==> flow/design.v <==
module mux_mod #(
    parameter W = 32,
    parameter LANES = 12
) (
    input  i_clk,
    input  rstn,
    input  [LANES*W-1:0] i_ch,
    input  [LANES-1:0] i_s,
    output [W-1:0] o_res
);
    reg [LANES*W-1:0] ch_s;
    always @(posedge i_clk) begin
        if (~rstn) begin
            ch_s <= 0;
        end else begin
            ch_s <= i_ch;
        end
    end
    reg [LANES-1:0] s_s;
    always @(posedge i_clk) begin
        if (~rstn) begin
            s_s <= 0;
        end else begin
            s_s <= i_s;
        end
    end
    reg [W-1:0] tmp;
    integer t;
    always @(*) begin
        tmp = 0;
        for (t = LANES-1; t >= 0; t = t - 1)
            if (s_s[t]) tmp = ch_s[t*W +: W];
    end
    assign o_res = tmp;
endmodule
Tool chain data of mux_mod
What the tools print for mux_mod, step after step.
Lines are those of the file above, counted from 1.
Operators carry their Yosys type and port widths (W data, S select, Z words).
Cell names lack the library's common part.
Not given: -

inputs
  top module = mux_mod
  clock port = i_clk
  standard-cell library = sky130hd
  library corner = tt_025C_1v80

After elaboration
Source: Yosys, flattened and elaborated, memories not mapped. Widths are those after wreduce; folded enables and synchronous resets count as part of the registers. Registers that Yosys merges into a memory's read port (data or address) are not register bits. Print and check cells do not count. Equal cells are merged and count once.

bit counts
  register bits = 396
  output and inout bits = 32

cells by class
  multiplexer cells = 12

operators by type and width
  operator  count
  $mux W32  12

Depth
Longest topological path by Yosys (ltp), each cell counted once; first at word level (registers and memories cut), then after technology mapping (sequential cells cut; the memories' decode and read muxes count).

logic depth
  depth in word-level cells = 12
  ABC_AREA = 0
  gate-level depth with buffers = 7
  depth with buffers taken out = 4

After synthesis
Yosys stat after the flow's synthesis: flattened, memories mapped to cells. It holds for the ABC_AREA given above (unset counts as 0); a run with the other value may have another netlist.

mapped netlist
  area of sequential cells = 7927.6 µm²
  standard cells after synthesis = 1531
  mapped area = 14875.5 µm²
  flip-flops = 396

cell types
  cell       count
  dfxtp_1    396
  and2_1     396
  nor3b_1    64
  nor2b_1    65
  a21oi_1    64
  clkbuf_1   81
  a2bb2oi_1  31
  o221ai_1   31
  nand2_1    66
  a211oi_1   32
  o31ai_1    32
  a22oi_1    31
  nand2b_1   33
  o2bb2ai_1  21
  buf_2      34
  nand3_1    32
  nor3_1     32
  o21ai_0    32

Other cell types: 12; their cells: 58.

Path before layout
OpenSTA on the mapped netlist: ideal clock, no wires. The path of least setup slack (recovery checks aside). Input and output delay are each 20% of the period. Register names are those of the netlist, which keeps one name where synthesis merged equal registers.

path post-synthesis
  path kind = register to output
  from = register s_s[10]
  to = output port o_res[3]
  launch time at the first pin = 0.000 ns
  period = 2.03 ns
  slack = 0.327 ns
  delay of the path = 1.297 ns
  arrival time = 1.297 ns
  driving pins on the path = 7
  period reached after synthesis = 1.703 ns

"delay of the path" = arrival - input delay + setup time.
A path that ends at an output port has no setup time.
"driving pins on the path" counts driving pins, that of a launching flip-flop among them; a cell with two outputs on the path counts twice.
"period reached after synthesis" = period - worst setup slack (recovery checks aside). The figure is calculated, with input and output delays left at 20% of the set period.
The rows between start and end are the longest chain of elaborated cells between them; the timing report does not say that the signal goes this way. Where chains are equally long, one stands for them.
Each line given opens the expression or statement behind the cell; cells for indexed reads and writes are added by Yosys, which also makes memories of some case tables.

between the ends, post-synthesis
  cells stage by stage = dfxtp_1 > buf_6 > nor3b_4 > buf_6 > o2bb2ai_2 > o221ai_1 > a21oi_1
  length of the longest elaborated chain = 11
  elaborated cells on any way between the ends = 11
  source lines of those cells = 1

RTL lines, path post-synthesis
  element             line  source
  start: declaration  19    reg [LANES-1:0] s_s;
  start: assignment   22    s_s <= 0;
  start: assignment   24    s_s <= i_s;
  $mux W32 x11        32    if (s_s[t]) tmp = ch_s[t*W +: W];
  end: declaration    9     output [W-1:0] o_res

Path in the finished layout
From the final timing report of run 1: the path of least setup slack in the routed layout; clock arrival at registers is part of the times.

path after layout
  path kind = register to output
  from = register s_s[6]
  to = output port o_res[16]
  launch time at the first pin = 0.52 ns
  arrival time = 2.18 ns
  slack = -0.55 ns
  period = 2.03 ns
  driving pins on the path = 9

The rows between start and end are the longest chain of elaborated cells between them; the timing report does not say that the signal goes this way. Where chains are equally long, one stands for them.

between the ends, after layout
  cells stage by stage = dfxtp_4 > nor3b_4 > buf_6 > buf_6 > buf_16 > o2bb2ai_4 > o221ai_4 > a21oi_2 > buf_2
  length of the longest elaborated chain = 7
  elaborated cells on any way between the ends = 7
  source lines of those cells = 1

RTL lines, path after layout
  element             line  source
  start: declaration  19    reg [LANES-1:0] s_s;
  start: assignment   22    s_s <= 0;
  start: assignment   24    s_s <= i_s;
  $mux W32 x7         32    if (s_s[t]) tmp = ch_s[t*W +: W];
  end: declaration    9     output [W-1:0] o_res

Wiki page: mux_mod / flow data

Top module mux_mod; platform sky130hd; tools Yosys and OpenROAD; 3 stored runs in no particular order. Input and output delays are each 20% of the period that was set; the output load is 0.01 pF.
"achieved clock period (ns)" is the run's clock period less its worst setup slack. It is reckoned from that one timing run; input and output delays stay at 20% of the period that was set.
By "worst setup path time (ns)" is meant the share of the clock period that the worst setup path is allowed (20% is reserved at inputs, 20% at outputs), minus its slack. Clock arrival times at its registers enter into it.
"finish__power__total" rests on the timing tool's default activity at the inputs, not on a simulated workload.

settings of run 1
{
  "period_ns": 2.03,
  "CAP_MARGIN": 20,
  "CORE_MARGIN": 2,
  "CORE_UTILIZATION": 40,
  "SLEW_MARGIN": 20
}
report of run 1
yosys chip area after synthesis (um^2): 14875.5
finish__design__die__area: 38748.0
finish__design__instance__area__stdcell: 22425.3
finish__design__instance__utilization: 0.6125
finish__timing__setup__ws: -0.552
finish__timing__setup__tns: -14.882
finish__timing__hold__ws: 0.417
finish__power__total: 1.931e-02
achieved clock period (ns): 2.582
worst setup path time (ns): 2.18
worst setup path kind: register to output

settings of run 2
{
  "period_ns": 1.83,
  "CORE_UTILIZATION": 41,
  "SETUP_SLACK_MARGIN": -0.02,
  "PLACE_DENSITY_LB_ADDON": 0.2,
  "CELL_PAD_IN_SITES_GLOBAL_PLACEMENT": 2,
  "TNS_END_PERCENT": 50,
  "ABC_AREA": 0,
  "GPL_ROUTABILITY_DRIVEN": 0,
  "CAP_MARGIN": 25,
  "SLEW_MARGIN": 25,
  "CORE_MARGIN": 2
}
report of run 2
yosys chip area after synthesis (um^2): 14875.5
finish__design__die__area: 37820.5
finish__design__instance__area__stdcell: 22366.5
finish__design__instance__utilization: 0.6273
finish__timing__setup__ws: -0.755
finish__timing__setup__tns: -20.608
finish__timing__hold__ws: 0.398
finish__power__total: 2.106e-02
achieved clock period (ns): 2.585
worst setup path time (ns): 2.22
worst setup path kind: register to output

settings of run 3
{
  "period_ns": 1.11,
  "CORE_UTILIZATION": 47,
  "SETUP_SLACK_MARGIN": 0.26,
  "PLACE_DENSITY": 0.67,
  "CORE_ASPECT_RATIO": 0.55,
  "TNS_END_PERCENT": 65,
  "SLEW_MARGIN": 40,
  "MAX_ROUTING_LAYER": "met4",
  "CAP_MARGIN": 20,
  "CORE_MARGIN": 2
}
report of run 3
yosys chip area after synthesis (um^2): 14875.5
finish__design__die__area: 33152.5
finish__design__instance__area__stdcell: 22077.4
finish__design__instance__utilization: 0.7069
finish__timing__setup__ws: -1.207
finish__timing__setup__tns: -36.653
finish__timing__hold__ws: 0.119
finish__power__total: 3.284e-02
achieved clock period (ns): 2.317
worst setup path time (ns): 2.10
worst setup path kind: register to output
